==> flow/design.v <==
module gen_sub_unit_mod #(
    parameter int DATA_WIDTH = 16
) (
    input  logic CLK,
    input  logic [DATA_WIDTH-1:0] i_x,
    input  logic [DATA_WIDTH-1:0] i_y,
    output logic [DATA_WIDTH-1:0] o_diff
);
    logic [DATA_WIDTH-1:0] x_d1;
    logic [DATA_WIDTH-1:0] y_d1;
    logic [DATA_WIDTH:0] t_d1;
    always_ff @(posedge CLK) begin
        x_d1 <= i_x;
        y_d1 <= i_y;
        t_d1 <= x_d1 - y_d1;
        o_diff <= t_d1[DATA_WIDTH] ? {DATA_WIDTH{1'b0}} : t_d1[DATA_WIDTH-1:0];
    end
endmodule
Lab notebook: gen_sub_unit_mod

Step by step through the tools: gen_sub_unit_mod. Tool output for the members of one design family, told apart by "DATA_WIDTH", in the order of the flow. The file above is the member DATA_WIDTH 16. Line numbers count from 1 in each member's own file. Library cell names are shortened. The mark -- stands for no value.

Top module: gen_sub_unit_mod. Clock: CLK. Standard-cell library: sky130hd. Corner: tt_025C_1v80.

Members of the sweep. New or changed lines of each further member against the RTL above, in its own file; lines it lacks are not shown.

Lines new or changed: DATA_WIDTH 40 (RTL line 2) `parameter int DATA_WIDTH = 40`; DATA_WIDTH 56 (RTL line 2) `parameter int DATA_WIDTH = 56`; DATA_WIDTH 80 (RTL line 2) `parameter int DATA_WIDTH = 80`; DATA_WIDTH 96 (RTL line 2) `parameter int DATA_WIDTH = 96`; DATA_WIDTH 128 (RTL line 2) `parameter int DATA_WIDTH = 128`.

Elaborated design. Source: Yosys, flattened and elaborated, memories not mapped. Widths are those after wreduce; folded enables and synchronous resets count as part of the registers. Registers that Yosys merges into a memory's read port (data or address) are not register bits. Print and check cells do not count. Equal cells are merged and count once.

Word-level totals: DATA_WIDTH 16 (register bits 65, latch bits 0, RAM bits 0, memory bits (read-only) 0, word width x clocked read ports 0, memory cells 0, output and inout port bits 16, cells after elaboration 5); DATA_WIDTH 40 (register bits 161, latch bits 0, RAM bits 0, memory bits (read-only) 0, word width x clocked read ports 0, memory cells 0, output and inout port bits 40, cells after elaboration 5); DATA_WIDTH 56 (register bits 225, latch bits 0, RAM bits 0, memory bits (read-only) 0, word width x clocked read ports 0, memory cells 0, output and inout port bits 56, cells after elaboration 5); DATA_WIDTH 80 (register bits 321, latch bits 0, RAM bits 0, memory bits (read-only) 0, word width x clocked read ports 0, memory cells 0, output and inout port bits 80, cells after elaboration 5); DATA_WIDTH 96 (register bits 385, latch bits 0, RAM bits 0, memory bits (read-only) 0, word width x clocked read ports 0, memory cells 0, output and inout port bits 96, cells after elaboration 5); DATA_WIDTH 128 (register bits 513, latch bits 0, RAM bits 0, memory bits (read-only) 0, word width x clocked read ports 0, memory cells 0, output and inout port bits 128, cells after elaboration 5).

Operators by class: DATA_WIDTH 16 (add/subtract/negate cells 1, multipliers 0, div/mod/pow operators 0, $lt $le $gt $ge 0, equality and inequality tests 0, shift operators 0, muxes and demuxes 0, bitwise logic cells 0, reduce/logical cells 0); DATA_WIDTH 40 (add/subtract/negate cells 1, multipliers 0, div/mod/pow operators 0, $lt $le $gt $ge 0, equality and inequality tests 0, shift operators 0, muxes and demuxes 0, bitwise logic cells 0, reduce/logical cells 0); DATA_WIDTH 56 (add/subtract/negate cells 1, multipliers 0, div/mod/pow operators 0, $lt $le $gt $ge 0, equality and inequality tests 0, shift operators 0, muxes and demuxes 0, bitwise logic cells 0, reduce/logical cells 0); DATA_WIDTH 80 (add/subtract/negate cells 1, multipliers 0, div/mod/pow operators 0, $lt $le $gt $ge 0, equality and inequality tests 0, shift operators 0, muxes and demuxes 0, bitwise logic cells 0, reduce/logical cells 0); DATA_WIDTH 96 (add/subtract/negate cells 1, multipliers 0, div/mod/pow operators 0, $lt $le $gt $ge 0, equality and inequality tests 0, shift operators 0, muxes and demuxes 0, bitwise logic cells 0, reduce/logical cells 0); DATA_WIDTH 128 (add/subtract/negate cells 1, multipliers 0, div/mod/pow operators 0, $lt $le $gt $ge 0, equality and inequality tests 0, shift operators 0, muxes and demuxes 0, bitwise logic cells 0, reduce/logical cells 0).

Operators with widths (kinds with counts): DATA_WIDTH 16 (16-bit by 16-bit subtractor with 17-bit output (1)); DATA_WIDTH 40 (40-bit by 40-bit subtractor with 41-bit output (1)); DATA_WIDTH 56 (56-bit by 56-bit subtractor with 57-bit output (1)); DATA_WIDTH 80 (80-bit by 80-bit subtractor with 81-bit output (1)); DATA_WIDTH 96 (96-bit by 96-bit subtractor with 97-bit output (1)); DATA_WIDTH 128 (128-bit by 128-bit subtractor with 129-bit output (1)).

Depth. Longest topological path by Yosys (ltp), each cell counted once; first at word level (registers and memories cut), then after technology mapping (sequential cells cut; the memories' decode and read muxes count).

Depth: DATA_WIDTH 16 (depth in word-level cells 1, ABC_AREA 0, depth in mapped cells 8, mapped depth without buffers 8); DATA_WIDTH 40 (depth in word-level cells 1, ABC_AREA 0, depth in mapped cells 11, mapped depth without buffers 11); DATA_WIDTH 56 (depth in word-level cells 1, ABC_AREA 0, depth in mapped cells 12, mapped depth without buffers 12); DATA_WIDTH 80 (depth in word-level cells 1, ABC_AREA 0, depth in mapped cells 13, mapped depth without buffers 13); DATA_WIDTH 96 (depth in word-level cells 1, ABC_AREA 0, depth in mapped cells 13, mapped depth without buffers 13); DATA_WIDTH 128 (depth in word-level cells 1, ABC_AREA 0, depth in mapped cells 13, mapped depth without buffers 13).

Netlist. Yosys stat after the flow's synthesis: flattened, memories mapped to cells. It holds for the ABC_AREA given above (unset counts as 0); a run with the other value may have another netlist.

Mapped netlist: DATA_WIDTH 16 (cells in the netlist 223, synthesis area 2349.8 µm², sequential area 1301.2 µm², flip-flops 65, buffer cells 5); DATA_WIDTH 40 (cells in the netlist 555, synthesis area 5789.3 µm², sequential area 3223.1 µm², flip-flops 161, buffer cells 10); DATA_WIDTH 56 (cells in the netlist 835, synthesis area 8456.9 µm², sequential area 4504.3 µm², flip-flops 225, buffer cells 24); DATA_WIDTH 80 (cells in the netlist 1210, synthesis area 12184.2 µm², sequential area 6426.2 µm², flip-flops 321, buffer cells 48); DATA_WIDTH 96 (cells in the netlist 1477, synthesis area 14565.2 µm², sequential area 7707.4 µm², flip-flops 385, buffer cells 39); DATA_WIDTH 128 (cells in the netlist 2142, synthesis area 20349.5 µm², sequential area 10269.8 µm², flip-flops 513, buffer cells 82).

Cells by type (type and count): DATA_WIDTH 16 (dfxtp_1 (65); ha_1 (16); nor2b_1 (19); inv_1 (24); a21oi_1 (16); xor2_1 (6); nand2_1 (11); o21ai_0 (8); nor2_1 (10); o311ai_4 (1); xnor2_1 (3); nand3_1 (5); a21boi_0 (3); o21a_1 (3); fa_1 (1); o31a_4 (1); a311oi_2 (1); buf_2 (3); (+27)); DATA_WIDTH 40 (dfxtp_1 (161); ha_1 (40); nor2b_1 (42); xnor2_1 (29); a21oi_1 (43); inv_1 (57); nand2_1 (30); o21ai_0 (20); a21o_1 (11); nor2_1 (21); xor2_1 (8); nand3_1 (12); clkbuf_1 (10); o211ai_1 (5); o21bai_1 (5); a21oi_2 (4); nand4_1 (5); a221oi_2 (2); (+50)); DATA_WIDTH 56 (dfxtp_1 (225); ha_1 (56); nor2b_1 (62); a21oi_1 (72); inv_1 (75); xnor2_1 (31); nand2_1 (57); xor2_1 (22); o21ai_0 (36); a21o_1 (19); nor2_1 (31); o21bai_1 (12); nand4_1 (12); clkbuf_1 (17); o21a_1 (8); nand2b_1 (8); nand3_1 (10); nor3_1 (9); (+73)); DATA_WIDTH 80 (dfxtp_1 (321); ha_1 (80); nor2b_1 (83); a21oi_1 (98); xnor2_1 (47); a21o_1 (52); inv_1 (100); nand2_1 (72); xor2_1 (30); o21ai_0 (48); nand4_1 (37); nor2_1 (42); clkbuf_1 (39); o21bai_1 (16); o21a_1 (15); nand3_1 (12); o31ai_1 (8); a211oi_1 (7); (+103)); DATA_WIDTH 96 (dfxtp_1 (385); ha_1 (96); a21oi_1 (142); nor2b_1 (105); xnor2_1 (55); inv_1 (120); o21ai_0 (86); nand2_1 (106); xor2_1 (37); a21o_1 (32); nor2_1 (60); nand4_1 (26); o21bai_1 (21); clkbuf_1 (32); o21a_1 (10); nor3_1 (14); nand3_1 (12); o211ai_1 (8); (+130)); DATA_WIDTH 128 (dfxtp_1 (513); ha_1 (128); a21oi_1 (200); nor2b_1 (139); inv_1 (173); xnor2_1 (72); o21ai_0 (103); a21o_1 (67); nand2_1 (130); nand4_1 (73); nor2_1 (119); xor2_1 (46); o21bai_1 (39); clkbuf_1 (65); nor3_1 (32); nand3_1 (27); o21a_1 (16); o31ai_1 (14); (+186)).

A list marked (+n) leaves out that many cells.

Worst setup path after synthesis. Source: OpenSTA report_checks on the synthesized netlist (no wires, ideal clock, input and output delay 20% of the period each), path of least setup slack; recovery checks are left aside. Register names are those of the netlist, which keeps one name where synthesis merged equal registers.

Path post-synthesis: DATA_WIDTH 16 (kind reg2reg, start point register x_d1[0], end point register t_d1[14], period 2400 ps, path slack 479 ps, stages 9, path delay 1921 ps, synthesis period reached 1921 ps); DATA_WIDTH 40 (kind reg2reg, start point register x_d1[0], end point register t_d1[40], period 3010 ps, path slack 605 ps, stages 12, path delay 2405 ps, synthesis period reached 2405 ps); DATA_WIDTH 56 (kind reg2reg, start point register x_d1[0], end point register t_d1[52], period 3350 ps, path slack 668 ps, stages 13, path delay 2682 ps, synthesis period reached 2682 ps); DATA_WIDTH 80 (kind reg2reg, start point register x_d1[0], end point register t_d1[68], period 3650 ps, path slack 732 ps, stages 14, path delay 2918 ps, synthesis period reached 2918 ps); DATA_WIDTH 96 (kind reg2reg, start point register x_d1[0], end point register t_d1[94], period 3600 ps, path slack 720 ps, stages 14, path delay 2880 ps, synthesis period reached 2880 ps); DATA_WIDTH 128 (kind reg2reg, start point register x_d1[0], end point register t_d1[128], period 3750 ps, path slack 752 ps, stages 14, path delay 2998 ps, synthesis period reached 2998 ps).

"path delay" = arrival - input delay + setup time. "stages": output pins that drive a net of the path, with the launching flip-flop's if there is one; two outputs of one cell count as two. "synthesis period reached" = period - worst setup slack (recovery checks aside). The figure is calculated, with input and output delays left at 20% of the set period. The rows between start and end are the longest chain of elaborated cells between them; the timing report does not say that the signal goes this way. Where chains are equally long, one stands for them. Each line given opens the expression or statement behind the cell; cells for indexed reads and writes are added by Yosys, which also makes memories of some case tables.

Between the ends, post-synthesis, DATA_WIDTH 16:
Under length of the longest elaborated chain stands 1.

Ends and longest elaborated chain, post-synthesis, DATA_WIDTH 16: start: declaration (RTL line 9) `logic [DATA_WIDTH-1:0] x_d1;`; start: assignment (RTL line 13) `x_d1 <= i_x;`; 16-bit by 16-bit subtractor with 17-bit output (RTL line 15) `t_d1 <= x_d1 - y_d1;`; end: assignment (RTL line 15); end: declaration (RTL line 11) `logic [DATA_WIDTH:0] t_d1;`.

Between the ends, post-synthesis, DATA_WIDTH 128:
Under length of the longest elaborated chain stands 1.

Ends and longest elaborated chain, post-synthesis, DATA_WIDTH 128: start: declaration (RTL line 9) `logic [DATA_WIDTH-1:0] x_d1;`; start: assignment (RTL line 13) `x_d1 <= i_x;`; 128-bit by 128-bit subtractor with 129-bit output (RTL line 15) `t_d1 <= x_d1 - y_d1;`; end: assignment (RTL line 15); end: declaration (RTL line 11) `logic [DATA_WIDTH:0] t_d1;`.

Worst path after layout. From the final timing report of each member's run: the path of least setup slack in the routed layout; clock arrival at registers is part of the times. The path's times are printed in steps of 10 ps; the period is the one set.

Path after layout: DATA_WIDTH 16 (kind reg2reg, start point register x_d1[0], end point register t_d1[14], period 2400 ps, path slack 350 ps, stages 9, data arrival time 2270 ps, buffers on the path 0); DATA_WIDTH 40 (kind reg2reg, start point register x_d1[0], end point register t_d1[40], period 3010 ps, path slack 260 ps, stages 12, data arrival time 3070 ps, buffers on the path 0); DATA_WIDTH 56 (kind reg2reg, start point register x_d1[0], end point register t_d1[52], period 3350 ps, path slack 370 ps, stages 13, data arrival time 3370 ps, buffers on the path 0); DATA_WIDTH 80 (kind reg2reg, start point register y_d1[22], end point register t_d1[77], period 3650 ps, path slack 170 ps, stages 13, data arrival time 3860 ps, buffers on the path 0); DATA_WIDTH 96 (kind reg2reg, start point register x_d1[0], end point register t_d1[88], period 3600 ps, path slack 270 ps, stages 14, data arrival time 3770 ps, buffers on the path 0); DATA_WIDTH 128 (kind reg2reg, start point register y_d1[19], end point register t_d1[128], period 3750 ps, path slack 150 ps, stages 13, data arrival time 4120 ps, buffers on the path 0).

Flow runs. Settings and results of one run of the flow (Yosys, OpenROAD) for each member follow. The constraints put input and output delay at 20% of the set period each and load the outputs with 0.01 pF.

Under CAP_MARGIN stands 20. The figure for CORE_MARGIN is 2. The figure for CORE_UTILIZATION is 40. The entry for SLEW_MARGIN reads 20.

Settings by member (period_ns): DATA_WIDTH 16 (2.4); DATA_WIDTH 40 (3.01); DATA_WIDTH 56 (3.35); DATA_WIDTH 80 (3.65); DATA_WIDTH 96 (3.6); DATA_WIDTH 128 (3.75).

Measured results: DATA_WIDTH 16 (chip area after synthesis (Yosys) 2349.8 µm², die footprint 6503.6 µm², area of the standard cells in the finished layout 3126.8 µm², final design utilization 56.1%, worst setup slack after layout 349 ps, total negative slack 0 ps, worst hold slack in the final report 434 ps, total power after layout 2.690 mW); DATA_WIDTH 40 (chip area after synthesis (Yosys) 5789.3 µm², die footprint 15451.7 µm², area of the standard cells in the finished layout 7739.9 µm², final design utilization 55.3%, worst setup slack after layout 258 ps, total negative slack 0 ps, worst hold slack in the final report 433 ps, total power after layout 5.338 mW); DATA_WIDTH 56 (chip area after synthesis (Yosys) 8456.9 µm², die footprint 22321.9 µm², area of the standard cells in the finished layout 11242.0 µm², final design utilization 53.8%, worst setup slack after layout 366 ps, total negative slack 0 ps, worst hold slack in the final report 433 ps, total power after layout 7.054 mW); DATA_WIDTH 80 (chip area after synthesis (Yosys) 12184.2 µm², die footprint 31873.0 µm², area of the standard cells in the finished layout 16138.0 µm², final design utilization 54.2%, worst setup slack after layout 175 ps, total negative slack 0 ps, worst hold slack in the final report 433 ps, total power after layout 9.344 mW); DATA_WIDTH 96 (chip area after synthesis (Yosys) 14565.2 µm², die footprint 37954.8 µm², area of the standard cells in the finished layout 19346.1 µm², final design utilization 54.1%, worst setup slack after layout 270 ps, total negative slack 0 ps, worst hold slack in the final report 427 ps, total power after layout 11.246 mW); DATA_WIDTH 128 (chip area after synthesis (Yosys) 20349.5 µm², die footprint 52693.2 µm², area of the standard cells in the finished layout 26789.4 µm², final design utilization 53.4%, worst setup slack after layout 155 ps, total negative slack 0 ps, worst hold slack in the final report 431 ps, total power after layout 14.538 mW).

"total power after layout": no workload was simulated; the value follows from the tool's default switching activity.
